==> flow/design.v <==
module mult_top #(
  parameter integer DWIDTH = 5,
  parameter integer GB = 8
) (
  input  aclk,
  input  ce,
  input  [DWIDTH-1:0] A_i,
  input  [DWIDTH-1:0] B_i,
  input  load_i,
  output [2*DWIDTH+GB-1:0] res_o
);
  reg [DWIDTH-1:0] A_r;
  always @(posedge aclk) begin
    if (ce) begin
      A_r <= A_i;
    end
  end
  reg [DWIDTH-1:0] B_r;
  always @(posedge aclk) begin
    if (ce) begin
      B_r <= B_i;
    end
  end
  reg load_r;
  always @(posedge aclk) begin
    if (ce) begin
      load_r <= load_i;
    end
  end
  wire [2*DWIDTH-1:0] val;
  assign val = A_r * B_r;
  reg [2*DWIDTH+GB-1:0] total;
  always @(posedge aclk) begin
    if (ce) begin
      total <= load_r ? val : total + val;
    end
  end
  assign res_o = total;
endmodule
; ---- Step by step through the tools: mult_top
; Module mult_top in several versions that differ in "DWIDTH"; each step lists the members.
; The file above is the member DWIDTH = 5. Line numbers count from 1 in each member's own file.
; Cell names lack the library's common part.
; The mark -- stands for no value.
[design]
design = mult_top
clk_port = aclk
cell_library = sky130hd
lib_corner = tt_025C_1v80

; ---- Source of the members
; Lines of each other member's file that are new or changed against the file above; lines that a member lacks are not shown.
[changed_lines]
columns = DWIDTH, line_no
row1 = 6, 2  ; parameter integer DWIDTH = 6,
row2 = 7, 2  ; parameter integer DWIDTH = 7,
row3 = 24, 2  ; parameter integer DWIDTH = 24,

; ---- Word level
; Yosys after proc, flatten, opt, wreduce and memory -nomap, before mapping. Enables and synchronous resets that opt folds into registers are not counted as muxes. Memory bits, and registers merged into a memory's read port (data or address), are not among the register bits. Print and check cells are not counted. Equal cells are merged and count once.
[bits]
columns = DWIDTH, elab_cells, output_inout_bits, ram_bits, in_bits, romBits, ff_bits, clocked_rd_ports_x_width, latch_bits, n_memories
row1 = 5, 8, 18, 0, 13, 0, 29, 0, 0, 0
row2 = 6, 8, 20, 0, 15, 0, 33, 0, 0, 0
row3 = 7, 8, 22, 0, 17, 0, 37, 0, 0, 0
row4 = 24, 8, 56, 0, 51, 0, 105, 0, 0, 0
[classes]
columns = DWIDTH, mul, n_div, shift, reduce_logical, compare, muxes, add_sub_neg, eq_ne, bitwise
row1 = 5, 1, 0, 0, 0, 0, 1, 1, 0, 0
row2 = 6, 1, 0, 0, 0, 0, 1, 1, 0, 0
row3 = 7, 1, 0, 0, 0, 0, 1, 1, 0, 0
row4 = 24, 1, 0, 0, 0, 0, 1, 1, 0, 0
[ops]
columns = DWIDTH, op_list
row1 = 5, 1 x multiplier 5 x 5 -> 10 bit; 1 x adder 18 x 10 -> 18 bit; 1 x 2-to-1 mux 10 bit
row2 = 6, 1 x multiplier 6 x 6 -> 12 bit; 1 x adder 20 x 12 -> 20 bit; 1 x 2-to-1 mux 12 bit
row3 = 7, 1 x multiplier 7 x 7 -> 14 bit; 1 x adder 22 x 14 -> 22 bit; 1 x 2-to-1 mux 14 bit
row4 = 24, 1 x multiplier 24 x 24 -> 48 bit; 1 x adder 56 x 48 -> 56 bit; 1 x 2-to-1 mux 48 bit

; ---- Logic depth
; Longest topological path by Yosys (ltp), each cell counted once; first at word level (registers and memories cut), then after technology mapping (sequential cells cut; the memories' decode and read muxes count).
[depth]
columns = DWIDTH, depth_word, abc_area, depth_mapped, ltp_nobuf
row1 = 5, 3, 0, 20, 19
row2 = 6, 3, 0, 20, 20
row3 = 7, 3, 0, 23, 22
row4 = 24, 3, 0, 37, 34

; ---- Synthesis result
; Yosys stat after the flow's synthesis: flattened, memories mapped to cells. It holds for the ABC_AREA given above (unset counts as 0); a run with the other value may have another netlist.
[synth_totals]
columns = DWIDTH, mapped_cells, area_um2, flip_flops
row1 = 5, 218, 2346.0, 29
row2 = 6, 303, 3074.2, 33
row3 = 7, 388, 3881.2, 37
row4 = 24, 2871, 25971.2, 105
[types]
columns = DWIDTH, type_list
row1 = 5, 29 x edfxtp_1; 28 x ha_1; 10 x fa_1; 12 x xnor2_1; 16 x and2_1; 8 x mux2_2; 18 x nand2_1; 11 x a21oi_1; 8 x nor2b_1; 10 x o21ai_0; 13 x inv_1; 12 x nor2_1; 5 x xor2_1; 4 x a21o_1; 4 x nand3_1; 3 x a31oi_1; 2 x a211oi_1; 4 x clkbuf_1; [+21]
row2 = 6, 33 x edfxtp_1; 34 x ha_1; 18 x fa_1; 24 x and2_1; 33 x inv_1; 11 x xnor2_1; 24 x nand2_1; 16 x a21oi_1; 18 x nor2_1; 13 x o21ai_0; 4 x mux2_2; 9 x nand3_1; 5 x xor2_1; 5 x a21o_1; 6 x nand2b_1; 5 x or3_1; 2 x mux2_4; 1 x a221oi_4; [+42]
row3 = 7, 37 x edfxtp_1; 47 x ha_1; 25 x fa_1; 40 x and2_1; 33 x nand2_1; 13 x xnor2_1; 9 x mux2_2; 26 x nor2_1; 19 x o21ai_0; 23 x inv_1; 8 x xor2_1; 8 x a21o_1; 12 x a21oi_1; 10 x nand3_1; 6 x o21a_1; 5 x a211oi_1; 6 x nand4_1; 6 x nor2b_1; [+55]
row4 = 24, 483 x fa_1; 105 x edfxtp_1; 224 x ha_1; 576 x inv_1; 288 x and2_1; 382 x nand2_1; 116 x a21oi_1; 133 x clkbuf_1; 49 x xnor2_1; 48 x a21o_1; 61 x o21ai_0; 33 x xor2_1; 66 x nor2_1; 30 x nand3_1; 24 x nand4_1; 18 x o21a_1; 20 x and3_1; 10 x mux2_2; [+205]
; The mark [+n] counts cells that are not listed.

; ---- Worst setup path after synthesis
; Path of least setup slack by OpenSTA after synthesis, without wires, with an ideal clock, recovery checks aside; 20% of the period is set as input and as output delay. Where synthesis merged equal registers, the netlist keeps one of their names.
[synth_path]
columns = DWIDTH, kind, from, to, setup_slack_ps, stages, period_ps, delay_ps, period_less_setup_slack_ps
row1 = 5, reg2reg, register B_r[4], register total[17], 1224, 18, 6120, 4897, 4896
row2 = 6, reg2reg, register A_r[1], register total[13], 1300, 19, 6520, 5219, 5220
row3 = 7, reg2reg, register A_r[3], register total[19], 1423, 23, 7120, 5697, 5697
row4 = 24, reg2reg, register B_r[3], register total[50], 2122, 38, 10800, 8677, 8678
; "delay_ps" = arrival - input delay + setup time.
; "stages": output pins that drive a net of the path, with the launching flip-flop's if there is one; two outputs of one cell count as two.
; "period_less_setup_slack_ps" is the clock period less the worst setup slack; recovery checks do not enter. This is arithmetic on one report: input and output delays are still those of the set period (20% each).
; Between the ends stands the longest chain of elaborated cells between them, by number of cells; it is not shown to be the way that was timed. Of several equally long chains one is given.
; Each line given opens the expression or statement behind the cell; cells for indexed reads and writes are added by Yosys, which also makes memories of some case tables.
[synth_via_DWIDTH_5]
elab_chain_cells = 2
[synth_lines_DWIDTH_5]
columns = item, line_no
row1 = "start, declared", 18  ; reg [DWIDTH-1:0] B_r;
row2 = "start, assigned", 21  ; B_r <= B_i;
row3 = multiplier 5 x 5 -> 10 bit, 31  ; assign val = A_r * B_r;
row4 = adder 18 x 10 -> 18 bit, 35  ; total <= load_r ? val : total + val;
row5 = "end, assigned", 35
row6 = "end, declared", 32  ; reg [2*DWIDTH+GB-1:0] total;
[synth_via_DWIDTH_24]
elab_chain_cells = 2
[synth_lines_DWIDTH_24]
columns = item, line_no
row1 = "start, declared", 18  ; reg [DWIDTH-1:0] B_r;
row2 = "start, assigned", 21  ; B_r <= B_i;
row3 = multiplier 24 x 24 -> 48 bit, 31  ; assign val = A_r * B_r;
row4 = adder 56 x 48 -> 56 bit, 35  ; total <= load_r ? val : total + val;
row5 = "end, assigned", 35
row6 = "end, declared", 32  ; reg [2*DWIDTH+GB-1:0] total;

; ---- Timing after layout
; Path of least setup slack in the final report of each member's run (OpenROAD, finished layout, wires in). Where an end is a register, its clock arrival counts in the times.
; The report prints the path's times to 10 ps; the period is as set.
[layout_path]
columns = DWIDTH, kind, from, to, arrival_ps, period_ps, path_buffers, stages, setup_slack_ps
row1 = 5, reg2reg, register B_r[4], register total[17], 5280, 6120, 0, 18, 880
row2 = 6, reg2reg, register B_r[5], register total[17], 5660, 6520, 0, 19, 890
row3 = 7, reg2reg, register A_r[3], register total[19], 6280, 7120, 0, 23, 900
row4 = 24, reg2reg, register B_r[3], register total[50], 10140, 10800, 0, 33, 930

; ---- Measured runs
; One run of the flow (Yosys, OpenROAD) for each member, with settings and measured results. Input and output delays are each 20% of the period that was set; the output load is 0.01 pF.
[settings]
CAP_MARGIN = 20
CORE_MARGIN = 2
CORE_UTILIZATION = 40
SLEW_MARGIN = 20
[settings_diff]
columns = DWIDTH, period_ns
row1 = 5, 6.12
row2 = 6, 6.52
row3 = 7, 7.12
row4 = 24, 10.8
[results]
columns = DWIDTH, fin_util_pct, timing.setup.tns_ps, yosys_chip_area_um2, cell_area_final_um2, achieved_period_ps, final_die_area_um2, hold_ws_ps, worstSetupSlack_ps
row1 = 5, 50.4, 0, 2346.0, 2810.2, 5238, 6493.9, 698, 882
row2 = 6, 49.3, 0, 3074.2, 3613.5, 5627, 8402.5, 680, 893
row3 = 7, 48.3, 0, 3881.2, 4503.1, 6223, 10507.3, 715, 897
row4 = 24, 43.5, 0, 25971.2, 27985.6, 9867, 66982.6, 719, 933
; "achieved_period_ps" is the run's clock period less its worst setup slack. It is reckoned from that one timing run; input and output delays stay at 20% of the period that was set.
